==> flow/design.v <==
module ex_diff_unit_rtl (CLK, aresetn, in0, in1, dir, d, co);
   parameter W = 48;
   input CLK;
   input aresetn;
   input signed [W-1:0] in0;
   input signed [W-1:0] in1;
   input dir;
   output [W-1:0] d;
   output co;
   wire [W-1:0] t2;
   assign t2 = in1 ^ {W{dir}};
   wire [W-1:0] t;
   assign t = $unsigned(in0) + t2 + dir;
   reg [W-1:0] r_d;
   always @(posedge CLK or negedge aresetn) begin
      if (~aresetn) begin
         r_d <= 0;
      end else begin
         r_d <= t[W-1:0];
      end
   end
   assign d = r_d;
   reg r_co;
   always @(posedge CLK or negedge aresetn) begin
      if (~aresetn) begin
         r_co <= 1'b0;
      end else begin
         r_co <= (in0[W-1] == t2[W-1]) && (t[W-1] != in0[W-1]);
      end
   end
   assign co = r_co;
endmodule
# Tool chain data of ex_diff_unit_rtl
# Tool output for the members of one design family, told apart by "W", in the order of the flow.
# The RTL above is that of W=48; lines are counted from 1 in the file of the member named.
# Operators: Yosys type, input widths -> output width; for muxes data width and select width s.
# Library cell names are shortened.
# A cell with - has no value.
# inputs
top_module	ex_diff_unit_rtl
clock_port	CLK
library	sky130hd
lib_corner	tt_025C_1v80

# Source of the members
# New or changed lines of each further member against the RTL above, in its own file; lines it lacks are not shown.
# src_changes
W	line	rtl
56	2	parameter W = 56;
72	2	parameter W = 72;
112	2	parameter W = 112;
128	2	parameter W = 128;

# Elaborated design
# Source: Yosys, flattened and elaborated, memories not mapped. Widths are those after wreduce; folded enables and synchronous resets count as part of the registers. Registers that Yosys merges into a memory's read port (data or address) are not register bits. Print and check cells do not count. Equal cells are merged and count once.
# classes
W	add_sub_neg	eq_ne	logic	reduce_and_logical
48	2	2	1	1
56	2	2	1	1
72	2	2	1	1
112	2	2	1	1
128	2	2	1	1
# ops
W	op_list
48	1 x $add 48x1->48; 1 x $add 48x48->48; 1 x $xor 48x48->48; 1 x $eq 1x1->1; 1 x $ne 1x1->1; 1 x $logic_and 1x1->1
56	1 x $add 56x1->56; 1 x $add 56x56->56; 1 x $xor 56x56->56; 1 x $eq 1x1->1; 1 x $ne 1x1->1; 1 x $logic_and 1x1->1
72	1 x $add 72x1->72; 1 x $add 72x72->72; 1 x $xor 72x72->72; 1 x $eq 1x1->1; 1 x $ne 1x1->1; 1 x $logic_and 1x1->1
112	1 x $add 112x1->112; 1 x $add 112x112->112; 1 x $xor 112x112->112; 1 x $eq 1x1->1; 1 x $ne 1x1->1; 1 x $logic_and 1x1->1
128	1 x $add 128x1->128; 1 x $add 128x128->128; 1 x $xor 128x128->128; 1 x $eq 1x1->1; 1 x $ne 1x1->1; 1 x $logic_and 1x1->1
# word_totals
W	register_bits	out_inout_bits
48	49	49
56	57	57
72	73	73
112	113	113
128	129	129

# Longest topological paths
# Longest topological path by Yosys (ltp), each cell counted once; first at word level (registers and memories cut), then after technology mapping (sequential cells cut; the memories' decode and read muxes count).
# logic_depth
W	word_depth	ABC_AREA	ltp_mapped	mapped_depth_nobuf
48	5	0	14	12
56	5	0	14	12
72	5	0	14	12
112	5	0	17	14
128	5	0	17	14

# Netlist
# Yosys stat after the flow's synthesis: flattened, memories mapped to cells. It holds for the ABC_AREA given above (unset counts as 0); a run with the other value may have another netlist.
# The area totals of this step are shown rounded.
# mapped
W	cell_count	area_um2	flip_flops	n_buf
48	480	4319	49	18
56	620	5295	57	27
72	842	7067	73	44
112	1357	11130	113	63
128	1640	13080	129	74
# types
W	cell_types
48	49 x dfrtp_1; 66 x xor2_1; 46 x ha_1; 54 x a21oi_1; 26 x xnor2_1; 28 x a21o_1; 22 x o21ai_0; 25 x nand2_1; 23 x nor2_1; 12 x nand4_1; 14 x nand3_1; 8 x o21bai_1; 14 x inv_1; 13 x clkbuf_1; 9 x nor3_1; 7 x and2_1; 5 x o31ai_1; 5 x nand2b_1; (+54)
56	57 x dfrtp_1; 54 x ha_1; 76 x xor2_1; 69 x a21oi_1; 31 x xnor2_1; 23 x a21o_1; 42 x nand2_1; 29 x o21ai_0; 35 x nor2_1; 26 x clkbuf_1; 15 x nand4_1; 23 x inv_1; 17 x nand3_1; 11 x o21bai_1; 9 x and3_1; 9 x nor2b_1; 9 x nor3_1; 5 x a211oi_1; (+80)
72	73 x dfrtp_1; 70 x ha_1; 99 x xor2_1; 93 x a21oi_1; 39 x xnor2_1; 57 x o21ai_0; 67 x nand2_1; 29 x a21o_1; 30 x nand4_1; 48 x nor2_1; 11 x buf_6; 27 x inv_1; 13 x o21bai_1; 17 x nand3_1; 10 x o21a_1; 15 x clkbuf_1; 11 x nor3_1; 8 x nand2b_1; (+125)
112	113 x dfrtp_1; 110 x ha_1; 150 x xor2_1; 158 x a21oi_1; 69 x xnor2_1; 98 x o21ai_0; 123 x nand2_1; 91 x nor2_1; 50 x nand4_1; 39 x a21o_1; 33 x o21bai_1; 38 x inv_1; 28 x nor3_1; 37 x clkbuf_1; 17 x o21a_1; 10 x a21boi_0; 12 x a31oi_1; 12 x nor2b_1; (+169)
128	129 x dfrtp_1; 126 x ha_1; 166 x xor2_1; 212 x a21oi_1; 79 x xnor2_1; 161 x nand2_1; 110 x o21ai_0; 101 x nor2_1; 58 x nand4_1; 45 x o21bai_1; 33 x a21o_1; 57 x inv_1; 55 x clkbuf_1; 39 x nor3_1; 17 x o31ai_1; 20 x a31oi_1; 22 x nand3_1; 16 x nand2b_1; (+194)
# The mark (+n) counts cells that are not listed.

# Path before layout
# Path of least setup slack by OpenSTA after synthesis, without wires, with an ideal clock, recovery checks aside; 20% of the period is set as input and as output delay. Where synthesis merged equal registers, the netlist keeps one of their names.
# synth_timing
W	kind	startpoint	endpoint	clock_period_ns	path_slack_ns	stages	delay_ns	synth_period_reached_ns
48	input port to flip-flop	in dir	reg r_d[44]	4.94	0.789	13	3.163	4.151
56	input port to flip-flop	in dir	reg r_d[55]	5.27	0.839	13	3.376	4.431
72	input port to flip-flop	in dir	reg r_d[71]	4.86	0.777	13	3.111	4.083
112	input port to flip-flop	in dir	reg r_d[84]	5.52	0.881	16	3.535	4.639
128	input port to flip-flop	in dir	reg r_d[126]	6.46	1.030	17	4.137	5.43
# "delay_ns" is the arrival time less input delay plus setup time.
# "stages": output pins that drive a net of the path, with the launching flip-flop's if there is one; two outputs of one cell count as two.
# "synth_period_reached_ns" = period - worst setup slack (recovery checks aside). The figure is calculated, with input and output delays left at 20% of the set period.
# The rows between start and end are the longest chain of elaborated cells between them; the timing report does not say that the signal goes this way. Where chains are equally long, one stands for them.
# Each line given opens the expression or statement behind the cell; cells for indexed reads and writes are added by Yosys, which also makes memories of some case tables.
# synth_via_W_48
elab_chain_cells	3
# synth_rtl_W_48
element	line	rtl
start, declared	7	input dir;
$xor 48x48->48	11	assign t2 = in1 ^ {W{dir}};
$add 48x48->48	13	assign t = $unsigned(in0) + t2 + dir;
$add 48x1->48	13
end, assigned	17	r_d <= 0;
end, assigned	19	r_d <= t[W-1:0];
end, declared	14	reg [W-1:0] r_d;
# synth_via_W_128
elab_chain_cells	3
# synth_rtl_W_128
element	line	rtl
start, declared	7	input dir;
$xor 128x128->128	11	assign t2 = in1 ^ {W{dir}};
$add 128x128->128	13	assign t = $unsigned(in0) + t2 + dir;
$add 128x1->128	13
end, assigned	17	r_d <= 0;
end, assigned	19	r_d <= t[W-1:0];
end, declared	14	reg [W-1:0] r_d;

# Path in the finished layout
# Path of least setup slack in the final report of each member's run (OpenROAD, finished layout, wires in). Where an end is a register, its clock arrival counts in the times.
# layout_timing
W	kind	startpoint	endpoint	clock_period_ns	path_slack_ns	stages	arrival_time_ns	n_path_buf
48	input port to flip-flop	in dir	reg r_d[46]	4.94	0.86	13	4.27	1
56	input port to flip-flop	in in1[0]	reg r_d[54]	5.27	1.00	12	4.48	1
72	input port to flip-flop	in in1[0]	reg r_d[64]	4.86	0.58	12	4.53	1
112	input port to flip-flop	in dir	reg r_d[105]	5.52	0.44	15	5.38	2
128	input port to flip-flop	in in1[1]	reg r_d[82]	6.46	0.75	15	6.08	1

# Layout results
# One run of the flow (Yosys, OpenROAD) for each member, with settings and measured results. Input and output delays are each 20% of the period that was set; the output load is 0.01 pF.
# flow_settings
CAP_MARGIN	20
CORE_MARGIN	2
CORE_UTILIZATION	40
SLEW_MARGIN	20
# settings_by_member
W	period_ns
48	4.94
56	5.27
72	4.86
112	5.52
128	6.46
# results
W	post_synth_area_um2	die_um2	post_route_util_pct	setup_ws_ns	power_uw	period_reached_ns
48	4319	11640	57.5	0.859	1832	4.081
56	5295	14170	57.0	1.005	2398	4.265
72	7067	18750	56.1	0.577	3410	4.283
112	11130	29190	55.6	0.445	4724	5.075
128	13080	34160	55.3	0.746	4672	5.714
# By "period_reached_ns" is meant the clock period of the run minus its worst setup slack. This is arithmetic on one report: input and output delays are still those of the set period (20% each).
# "power_uw" is the tool's figure for a default switching activity; nothing was simulated.
# Values from the reports are rounded here.
